==> flow/design.v <==
module add_core #(
  parameter W = 5,
  parameter N = 3,
  parameter OUT_W = W + $clog2(N)
) (
  input  wire CLK,
  input  wire RST,
  input  wire enable,
  input  wire [N*W-1:0] d,
  output wire [OUT_W-1:0] s
);
  wire [OUT_W-1:0] lvl [1:2*N-1];
  genvar k;
  generate
    for (k = 0; k < N; k = k + 1) begin : u_g
      assign lvl[N+k] = d[k*W +: W];
    end
    for (k = 1; k < N; k = k + 1) begin : lane
      assign lvl[k] = lvl[2*k] + lvl[2*k+1];
    end
  endgenerate
  reg [OUT_W-1:0] s_q;
  always @(posedge CLK or posedge RST) begin
    if (RST) begin
      s_q <= 0;
    end else if (enable) begin
      s_q <= lvl[1];
    end
  end
  assign s = s_q;
endmodule
Lab notebook: add_core

Reports on add_core
Module add_core in several versions that differ in "W"; each step lists the members.
The file above is the member W=5. Line numbers count from 1 in each member's own file.
Cell names lack the library's common part.
{ "inputs": {"top": "add_core", "clk_port": "CLK", "library": "sky130hd", "corner": "tt_025C_1v80"} }

Members of the sweep
Lines of each other member's file that are new or changed against the file above; lines that a member lacks are not shown.
{ "src_changes": {"columns": ["W", "line", "source"], "rows": [
  [6, 2, "parameter W = 6,"],
  [8, 2, "parameter W = 8,"],
  [20, 2, "parameter W = 20,"],
  [28, 2, "parameter W = 28,"],
  [32, 2, "parameter W = 32,"]
]} }

After elaboration
Yosys after proc, flatten, opt, wreduce and memory -nomap, before mapping. Enables and synchronous resets that opt folds into registers are not counted as muxes. Memory bits, and registers merged into a memory's read port (data or address), are not among the register bits. Print and check cells are not counted. Equal cells are merged and count once.
{ "classes": {"columns": ["W", "equal", "add_sub_neg", "shift", "n_logic", "n_reduce_logical", "div_mod_pow", "n_mul", "muxes", "n_cmp"], "rows": [
  [5, 0, 2, 0, 0, 0, 0, 0, 0, 0],
  [6, 0, 2, 0, 0, 0, 0, 0, 0, 0],
  [8, 0, 2, 0, 0, 0, 0, 0, 0, 0],
  [20, 0, 2, 0, 0, 0, 0, 0, 0, 0],
  [28, 0, 2, 0, 0, 0, 0, 0, 0, 0],
  [32, 0, 2, 0, 0, 0, 0, 0, 0, 0]
]} }
{ "ops": {"columns": ["W", "operators"], "rows": [
  [5, "1 x 7-bit by 5-bit adder with 7-bit output; 1 x 5-bit by 5-bit adder with 6-bit output"],
  [6, "1 x 8-bit by 6-bit adder with 8-bit output; 1 x 6-bit by 6-bit adder with 7-bit output"],
  [8, "1 x 10-bit by 8-bit adder with 10-bit output; 1 x 8-bit by 8-bit adder with 9-bit output"],
  [20, "1 x 22-bit by 20-bit adder with 22-bit output; 1 x 20-bit by 20-bit adder with 21-bit output"],
  [28, "1 x 30-bit by 28-bit adder with 30-bit output; 1 x 28-bit by 28-bit adder with 29-bit output"],
  [32, "1 x 34-bit by 32-bit adder with 34-bit output; 1 x 32-bit by 32-bit adder with 33-bit output"]
]} }
{ "bits": {"columns": ["W", "reg_bits", "n_memories", "mem_bits_ro", "latchBits", "ram_bits", "clocked_rd_ports_x_width", "wordCells", "output_inout_bits"], "rows": [
  [5, 7, 0, 0, 0, 0, 0, 3, 7],
  [6, 8, 0, 0, 0, 0, 0, 3, 8],
  [8, 10, 0, 0, 0, 0, 0, 3, 10],
  [20, 22, 0, 0, 0, 0, 0, 3, 22],
  [28, 30, 0, 0, 0, 0, 0, 3, 30],
  [32, 34, 0, 0, 0, 0, 0, 3, 34]
]} }

Depth
Depth = most cells in a row (Yosys ltp): at word level without a register or memory, in the mapped netlist without a sequential cell, where the memories' decode and read muxes count.
{ "logic_depth": {"columns": ["W", "depth_word", "abc_area", "depth_mapped", "mapped_depth_nobuf"], "rows": [
  [5, 2, 0, 10, 10],
  [6, 2, 0, 10, 10],
  [8, 2, 0, 13, 13],
  [20, 2, 0, 18, 18],
  [28, 2, 0, 22, 22],
  [32, 2, 0, 22, 22]
]} }

After synthesis
The flow's flattened synthesis, as Yosys stat reports it; memories are mapped. The netlist is that of the ABC_AREA named above (0 if unset); the other value can give another one.
{ "synth_totals": {"columns": ["W", "ffs", "mapped_area_um2", "stdcells"], "rows": [
  [5, 7, 631.9, 61],
  [6, 8, 784.5, 82],
  [8, 10, 1017.2, 111],
  [20, 22, 2783.9, 331],
  [28, 30, 3871.2, 456],
  [32, 34, 4508.1, 506]
]} }
{ "types": {"columns": ["W", "type_list"], "rows": [
  [5, "7 x dfrtp_1; 11 x ha_1; 4 x mux2_2; 2 x fa_1; 4 x a21o_1; 3 x xnor2_1; 3 x xor2_1; 5 x a21oi_1; 4 x inv_1; 3 x nand3_1; 1 x o2111ai_2; 3 x nor2_1; 1 x a21bo_1; 2 x o21ai_1; 1 x a211oi_1; 1 x nand3b_1; 1 x o21bai_1; 1 x a31oi_1; [+4]"],
  [6, "8 x dfrtp_1; 12 x ha_1; 2 x fa_1; 3 x mux2_2; 3 x xnor2_1; 5 x o21ai_0; 3 x a211oi_1; 3 x a21o_1; 6 x nor2_1; 4 x a21oi_1; 5 x inv_1; 2 x a211o_1; 2 x o21a_1; 2 x o21bai_1; 2 x nor2b_1; 2 x o22ai_1; 1 x a2111o_1; 1 x and3_4; [+16]"],
  [8, "10 x dfrtp_1; 17 x ha_1; 9 x xnor2_1; 5 x mux2_2; 2 x fa_1; 10 x nor2_1; 4 x a211oi_1; 6 x a21oi_1; 8 x inv_1; 6 x o21ai_0; 3 x a21o_1; 3 x or3_1; 2 x a21oi_2; 2 x o2bb2ai_1; 3 x nor3_1; 2 x o22ai_1; 3 x nand2_1; 2 x nand3_1; [+14]"],
  [20, "22 x dfrtp_1; 41 x ha_1; 35 x a21oi_1; 19 x xnor2_1; 13 x mux2_2; 27 x nand2_1; 20 x o21ai_0; 11 x a21o_1; 21 x nor2_1; 8 x xor2_1; 17 x inv_1; 9 x nor3_1; 7 x and3_1; 2 x fa_1; 6 x nor2b_1; 5 x o31ai_1; 7 x nand3_1; 5 x a31oi_1; [+56]"],
  [28, "30 x dfrtp_1; 59 x ha_1; 35 x xnor2_1; 23 x mux2_2; 51 x a21oi_1; 26 x a21o_1; 34 x nor2_1; 25 x o21ai_0; 30 x nand2_1; 12 x xor2_1; 26 x inv_1; 9 x o21a_1; 8 x o21bai_1; 8 x nand4_1; 10 x nor3_1; 2 x fa_1; 5 x a211oi_1; 7 x nand3_1; [+56]"],
  [32, "34 x dfrtp_1; 65 x ha_1; 30 x mux2_2; 35 x xnor2_1; 50 x a21oi_1; 30 x a21o_1; 19 x xor2_1; 30 x nand2_1; 20 x o21ai_0; 25 x nor2_1; 21 x inv_1; 10 x nand4_1; 8 x o21a_1; 11 x nand3_1; 6 x o21bai_1; 2 x fa_1; 3 x a211oi_2; 5 x and3_1; [+102]"]
]} }
A list marked [+n] leaves out that many cells.

Worst setup path after synthesis
Source: OpenSTA report_checks on the synthesized netlist (no wires, ideal clock, input and output delay 20% of the period each), path of least setup slack; recovery checks are left aside. Register names are those of the netlist, which keeps one name where synthesis merged equal registers.
{ "synth_timing": {"columns": ["W", "path_type", "startpoint", "endpoint", "period_ns", "slack_ns", "stages", "delay_ns", "synth_period_reached_ns"], "rows": [
  [5, "input-to-reg", "input d[5]", "register s_q[5]", 3.21, 0.512, 10, 2.056, 2.698],
  [6, "input-to-reg", "input d[6]", "register s_q[6]", 3.69, 0.588, 10, 2.364, 3.102],
  [8, "input-to-reg", "input d[8]", "register s_q[8]", 3.77, 0.607, 13, 2.410, 3.163],
  [20, "input-to-reg", "input d[20]", "register s_q[19]", 4.9, 0.785, 17, 3.134, 4.115],
  [28, "input-to-reg", "input d[29]", "register s_q[29]", 6.31, 1.011, 17, 4.037, 5.299],
  [32, "input-to-reg", "input d[32]", "register s_q[32]", 5.95, 0.955, 20, 3.805, 4.995]
]} }
"delay_ns" = arrival - input delay + setup time.
"stages" counts driving pins, that of a launching flip-flop among them; a cell with two outputs on the path counts twice.
"synth_period_reached_ns" = period - worst setup slack (recovery checks aside). The figure is calculated, with input and output delays left at 20% of the set period.
Between the ends stands the longest chain of elaborated cells between them, by number of cells; it is not shown to be the way that was timed. Of several equally long chains one is given.
A line is the first line of the expression or statement that the cell stems from. Yosys adds cells for indexed reads and writes and turns some case tables into memories.
{ "synth_between_W_5": {"elab_chain_cells": 2} }
{ "synth_rtl_W_5": {"columns": ["item", "line", "source"], "rows": [
  ["start: declaration", 9, "input  wire [N*W-1:0] d,"],
  ["5-bit by 5-bit adder with 6-bit output", 19, "assign lvl[k] = lvl[2*k] + lvl[2*k+1];"],
  ["7-bit by 5-bit adder with 7-bit output", 19, null],
  ["end: assignment", 25, "s_q <= 0;"],
  ["end: assignment", 27, "s_q <= lvl[1];"],
  ["end: declaration", 22, "reg [OUT_W-1:0] s_q;"]
]} }
{ "synth_between_W_32": {"elab_chain_cells": 2} }
{ "synth_rtl_W_32": {"columns": ["item", "line", "source"], "rows": [
  ["start: declaration", 9, "input  wire [N*W-1:0] d,"],
  ["32-bit by 32-bit adder with 33-bit output", 19, "assign lvl[k] = lvl[2*k] + lvl[2*k+1];"],
  ["34-bit by 32-bit adder with 34-bit output", 19, null],
  ["end: assignment", 25, "s_q <= 0;"],
  ["end: assignment", 27, "s_q <= lvl[1];"],
  ["end: declaration", 22, "reg [OUT_W-1:0] s_q;"]
]} }

Timing after layout
Path of least setup slack in the final report of the run of each member (OpenROAD, finished layout, wires in). Where an end is a register, its clock arrival counts in the times.
{ "layout_timing": {"columns": ["W", "path_type", "startpoint", "endpoint", "stages", "slack_ns", "path_buffers", "arrival_time_ns", "period_ns"], "rows": [
  [5, "input-to-reg", "input d[5]", "register s_q[5]", 11, 0.25, 1, 3.13, 3.21],
  [6, "input-to-reg", "input d[6]", "register s_q[6]", 11, 0.28, 1, 3.59, 3.69],
  [8, "input-to-reg", "input d[8]", "register s_q[8]", 14, 0.24, 1, 3.71, 3.77],
  [20, "input-to-reg", "input d[20]", "register s_q[18]", 19, 0.36, 2, 4.73, 4.9],
  [28, "input-to-reg", "input d[28]", "register s_q[29]", 21, 0.31, 2, 6.16, 6.31],
  [32, "input-to-reg", "input d[32]", "register s_q[28]", 21, 0.44, 1, 5.67, 5.95]
]} }

Layout results
One run of the flow (Yosys, OpenROAD) for each member, with settings and measured results. Input and output delays are each 20% of the period that was set; the output load is 0.01 pF.
{ "flow_settings": {"CAP_MARGIN": 20, "CORE_MARGIN": 2, "CORE_UTILIZATION": 40, "SLEW_MARGIN": 20} }
{ "settings_diff": {"columns": ["W", "period_ns"], "rows": [
  [5, 3.21],
  [6, 3.69],
  [8, 3.77],
  [20, 4.9],
  [28, 6.31],
  [32, 5.95]
]} }
{ "results": {"columns": ["W", "yosys_chip_area_um2", "achieved_clock_period_ns", "setup_ws_ns", "final_setup_tns_ns", "die_footprint_um2", "total_power_uw", "final_util_frac", "finalCellArea_um2"], "rows": [
  [5, 631.9, 2.956, 0.254, 0.000, 1913.6, 445.7, 0.624, 928.4],
  [6, 784.5, 3.414, 0.276, 0.000, 2331.4, 427, 0.588, 1117.3],
  [8, 1017.2, 3.533, 0.237, 0.000, 2962.6, 570.2, 0.593, 1441.4],
  [20, 2783.9, 4.545, 0.355, 0.000, 7643.1, 1206, 0.564, 3809.9],
  [28, 3871.2, 5.996, 0.314, 0.000, 10480.6, 1426, 0.568, 5301.3],
  [32, 4508.1, 5.514, 0.436, 0.000, 12135.2, 1845, 0.562, 6144.6]
]} }
"achieved_clock_period_ns" means the clock period less the worst setup slack. The figure is calculated, with input and output delays left at 20% of the set period.
"total_power_uw" is the tool's figure for a default switching activity; nothing was simulated.
